==> flow/design.v <==
module my_mpy_n #(
   parameter integer DW = 14
) (
   input wire aclk,
   input wire RSTN,
   input wire signed [DW-1:0] i_da,
   input wire signed [DW-1:0] i_db,
   output reg signed [2*DW-1:0] o_m
);
   always @(posedge aclk) begin
      if (!RSTN) begin
         o_m <= 0;
      end else begin
         o_m <= i_da * i_db;
      end
   end
endmodule
== From RTL to reports: my_mpy_n ==
The steps from the RTL of my_mpy_n to its reports follow in flow order.
Lines are those of the file above, counted from 1.
Not given: -

* Design top: my_mpy_n
* Clock input: aclk
* Standard-cell library: sky130hd
* Timing corner: tt_025C_1v80

== Word-level counts ==
Counts by Yosys on the flattened word-level netlist (proc, flatten, opt, wreduce; memories kept). Register bits leave out memories and registers merged into their read ports (data or address); mux counts leave out enables and synchronous resets folded into registers. Print and check cells are left out. Cells with the same type and inputs are merged into one.

* Flip-flop bits (word level): 28
* Bits of input ports: 30
* Output and inout port bits: 28
* Elaborated cells: 2

* Multipliers: 1

{| class="wikitable"
|+ Operator list
! cell !! count
|-
| 14-bit by 14-bit multiplier with 28-bit output || 1
|}

== Longest topological paths ==
Longest topological path by Yosys (ltp), each cell counted once; first at word level (registers and memories cut), then after technology mapping (sequential cells cut; the memories' decode and read muxes count).

* Depth after elaboration: 1
* ABC_AREA: 0
* Mapped depth: 21
* Depth with buffers taken out: 20

== Synthesis result ==
The flow's flattened synthesis, as Yosys stat reports it; memories are mapped. The netlist is that of the ABC_AREA named above (0 if unset); the other value can give another one.

* Cells in the netlist: 902
* Synthesis area: 8380.5 µm²
* Flip-flop cells: 28

{| class="wikitable"
|+ Cell types
! cell type !! count !! area in all (µm²)
|-
| sky130_fd_sc_hd__fa_1 || 195 || 3.9E+03
|-
| sky130_fd_sc_hd__ha_1 || 67 || 838.304
|-
| sky130_fd_sc_hd__inv_1 || 212 || 795.763
|-
| sky130_fd_sc_hd__and2_1 || 116 || 725.696
|-
| sky130_fd_sc_hd__dfxtp_1 || 28 || 560.538
|-
| sky130_fd_sc_hd__nand2_1 || 97 || 364.099
|-
| sky130_fd_sc_hd__xnor2_1 || 14 || 122.618
|-
| sky130_fd_sc_hd__clkbuf_1 || 30 || 112.608
|-
| sky130_fd_sc_hd__mux2i_1 || 10 || 100.096
|-
| sky130_fd_sc_hd__nand2b_1 || 16 || 100.096
|-
| sky130_fd_sc_hd__a21oi_1 || 18 || 90.086
|-
| sky130_fd_sc_hd__a21o_1 || 10 || 75.072
|-
| sky130_fd_sc_hd__o21ai_0 || 14 || 70.067
|-
| sky130_fd_sc_hd__nor2_1 || 17 || 63.811
|-
| sky130_fd_sc_hd__xor2_1 || 6 || 52.55
|-
| sky130_fd_sc_hd__and4_1 || 4 || 35.034
|-
| sky130_fd_sc_hd__a31oi_1 || 5 || 31.28
|-
| sky130_fd_sc_hd__a211oi_1 || 4 || 30.029
|}

Not listed: further types 24, cells in them 39.

== Timing after synthesis ==
Source: OpenSTA report_checks on the synthesized netlist (no wires, ideal clock, input and output delay 20% of the period each), path of least setup slack; recovery checks are left aside. Register names are those of the netlist, which keeps one name where synthesis merged equal registers.

* Path kind: input to register
* From: input i_da[13]
* To: register o_m[24]
* Period: 8120 ps
* Input delay: 1624 ps
* Setup time: 72 ps
* Launch time at the first pin: 1624 ps
* Data arrival time: 6747 ps
* Required time: 8048 ps
* Slack: 1301 ps
* Path delay: 5195 ps
* Stages on the path: 18
* Path buffers: 1
* Period reached after synthesis: 6819 ps

"path delay" is the arrival time less input delay plus setup time.
"stages on the path" counts driving pins, that of a launching flip-flop among them; a cell with two outputs on the path counts twice.
"period reached after synthesis" = period - worst setup slack (recovery checks aside). The figure is calculated, with input and output delays left at 20% of the set period.
Between the ends stands the longest chain of elaborated cells between them, by number of cells; it is not shown to be the way that was timed. Of several equally long chains one is given.
A line is the first line of the expression or statement that the cell stems from. Yosys adds cells for indexed reads and writes and turns some case tables into memories.

* Path through: sky130_fd_sc_hd__clkbuf_1 -> sky130_fd_sc_hd__nand2_1 -> sky130_fd_sc_hd__fa_1 -> sky130_fd_sc_hd__fa_1 -> sky130_fd_sc_hd__inv_1 -> sky130_fd_sc_hd__fa_1 -> sky130_fd_sc_hd__fa_1 -> sky130_fd_sc_hd__fa_1 -> sky130_fd_sc_hd__inv_1 -> sky130_fd_sc_hd__fa_1 -> sky130_fd_sc_hd__inv_1 -> sky130_fd_sc_hd__ha_1 -> sky130_fd_sc_hd__o21ai_0 -> sky130_fd_sc_hd__o21ai_0 -> sky130_fd_sc_hd__or2_2 -> sky130_fd_sc_hd__nand4_1 -> sky130_fd_sc_hd__o2bb2ai_1 -> sky130_fd_sc_hd__mux2i_1
* Length of the longest elaborated chain: 1
* Elaborated cells between the ends (all ways): 1
* Those cells by class: 1 x mul

{| class="wikitable"
|+ RTL lines, path post-synthesis
! item !! RTL line !! RTL
|-
| from (decl) || 6 || <nowiki>input wire signed [DW-1:0] i_da,</nowiki>
|-
| 14-bit by 14-bit multiplier with 28-bit output || 14 || <nowiki>o_m <= i_da * i_db;</nowiki>
|-
| to (assign) || 12 || <nowiki>o_m <= 0;</nowiki>
|-
| to (assign) || 14 ||
|-
| to (decl) || 8 || <nowiki>output reg signed [2*DW-1:0] o_m</nowiki>
|}

== Worst path after layout ==
Path of least setup slack in the final report of job 1 (OpenROAD, finished layout, wires in). Where an end is a register, its clock arrival counts in the times.
The path's times are printed in steps of 10 ps; the period is the one set.

* Path kind: input to register
* From: input i_db[2]
* To: register o_m[24]
* Period: 9800 ps
* Input delay: 1960 ps
* Setup time: 60 ps
* Launch time at the first pin: 1960 ps
* Data arrival time: 8050 ps
* Required time: 10010 ps
* Slack: 1960 ps
* Stages on the path: 18
* Path buffers: 1

Between the ends stands the longest chain of elaborated cells between them, by number of cells; it is not shown to be the way that was timed. Of several equally long chains one is given.

* Path through: sky130_fd_sc_hd__clkdlybuf4s50_1 -> sky130_fd_sc_hd__nand2_1 -> sky130_fd_sc_hd__fa_1 -> sky130_fd_sc_hd__fa_1 -> sky130_fd_sc_hd__inv_1 -> sky130_fd_sc_hd__fa_1 -> sky130_fd_sc_hd__fa_1 -> sky130_fd_sc_hd__fa_1 -> sky130_fd_sc_hd__inv_1 -> sky130_fd_sc_hd__fa_1 -> sky130_fd_sc_hd__inv_1 -> sky130_fd_sc_hd__ha_1 -> sky130_fd_sc_hd__o21ai_0 -> sky130_fd_sc_hd__o21ai_0 -> sky130_fd_sc_hd__or2_2 -> sky130_fd_sc_hd__nand4_1 -> sky130_fd_sc_hd__o2bb2ai_1 -> sky130_fd_sc_hd__mux2i_1
* Length of the longest elaborated chain: 1
* Elaborated cells between the ends (all ways): 1
* Those cells by class: 1 x mul

{| class="wikitable"
|+ RTL lines, path after layout
! item !! RTL line !! RTL
|-
| from (decl) || 7 || <nowiki>input wire signed [DW-1:0] i_db,</nowiki>
|-
| 14-bit by 14-bit multiplier with 28-bit output || 14 || <nowiki>o_m <= i_da * i_db;</nowiki>
|-
| to (assign) || 12 || <nowiki>o_m <= 0;</nowiki>
|-
| to (assign) || 14 ||
|-
| to (decl) || 8 || <nowiki>output reg signed [2*DW-1:0] o_m</nowiki>
|}

Lab notebook: my_mpy_n

Settings and measured results of 3 stored flow runs for module my_mpy_n (sky130hd), not sorted in any way. The constraints put input and output delay at 20% of the set period each and load the outputs with 0.01 pF.
By "clock period reached" is meant the clock period of the run minus its worst setup slack. This is arithmetic on one report: input and output delays are still those of the set period (20% each).
"allowed time less slack (worst setup path)" means the part of the period allowed to the worst setup path (the constraints hold back 20% at inputs and 20% at outputs) less its slack; where the path has registers, the arrival times of their clocks count too.
"allowed time less slack (worst setup path)" is known to 10 ps.

=== Job 1 ===
{| class="wikitable"
! Setting !! Value
|-
| period_ns || 9.8
|-
| CORE_UTILIZATION || 36
|-
| SETUP_SLACK_MARGIN || 0.85
|-
| HOLD_SLACK_MARGIN || 0.13
|-
| CORE_MARGIN || 2
|-
| CELL_PAD_IN_SITES_DETAIL_PLACEMENT || 0
|-
| TNS_END_PERCENT || 25
|-
| ABC_AREA || 0
|-
| CTS_CLUSTER_SIZE || 18
|-
| CAP_MARGIN || 40
|-
| SLEW_MARGIN || 20
|-
| MIN_ROUTING_LAYER || met1
|-
! Result !! Value
|-
| Synthesized cell area || 8380.5 µm²
|-
| Overall die area || 24515.7 µm²
|-
| Standard-cell area after routing || 9306.4 µm²
|-
| Utilization in the final report || 40.9%
|-
| Setup slack of the critical path || 1960 ps
|-
| Setup TNS || 0 ps
|-
| Worst hold slack in the final report || 2213 ps
|-
| Clock period reached || 7840 ps
|-
| Allowed time less slack (worst setup path) || 5880 ps
|-
| Class of the worst setup path || input to register
|}

=== Job 2 ===
{| class="wikitable"
! Setting !! Value
|-
| period_ns || 5.49
|-
| CORE_UTILIZATION || 44
|-
| PLACE_DENSITY_LB_ADDON || 0.26
|-
| CORE_ASPECT_RATIO || 0.58
|-
| CELL_PAD_IN_SITES_GLOBAL_PLACEMENT || 0
|-
| CTS_CLUSTER_SIZE || 76
|-
| CTS_CLUSTER_DIAMETER || 219
|-
| CAP_MARGIN || 25
|-
| MIN_ROUTING_LAYER || met1
|-
| CORE_MARGIN || 2
|-
| SLEW_MARGIN || 20
|-
! Result !! Value
|-
| Synthesized cell area || 8380.5 µm²
|-
| Overall die area || 20207.9 µm²
|-
| Standard-cell area after routing || 11878.9 µm²
|-
| Utilization in the final report || 63.6%
|-
| Setup slack of the critical path || -441 ps
|-
| Setup TNS || -5281 ps
|-
| Worst hold slack in the final report || 1339 ps
|-
| Clock period reached || 5931 ps
|-
| Allowed time less slack (worst setup path) || 4830 ps
|-
| Class of the worst setup path || input to register
|}

=== Job 3 ===
{| class="wikitable"
! Setting !! Value
|-
| period_ns || 8.12
|-
| CAP_MARGIN || 20
|-
| CORE_MARGIN || 2
|-
| CORE_UTILIZATION || 40
|-
| SLEW_MARGIN || 20
|-
! Result !! Value
|-
| Synthesized cell area || 8380.5 µm²
|-
| Overall die area || 22125.1 µm²
|-
| Standard-cell area after routing || 9371.5 µm²
|-
| Utilization in the final report || 45.9%
|-
| Setup slack of the critical path || 617 ps
|-
| Setup TNS || 0 ps
|-
| Worst hold slack in the final report || 2185 ps
|-
| Clock period reached || 7503 ps
|-
| Allowed time less slack (worst setup path) || 5880 ps
|-
| Class of the worst setup path || input to register
|}
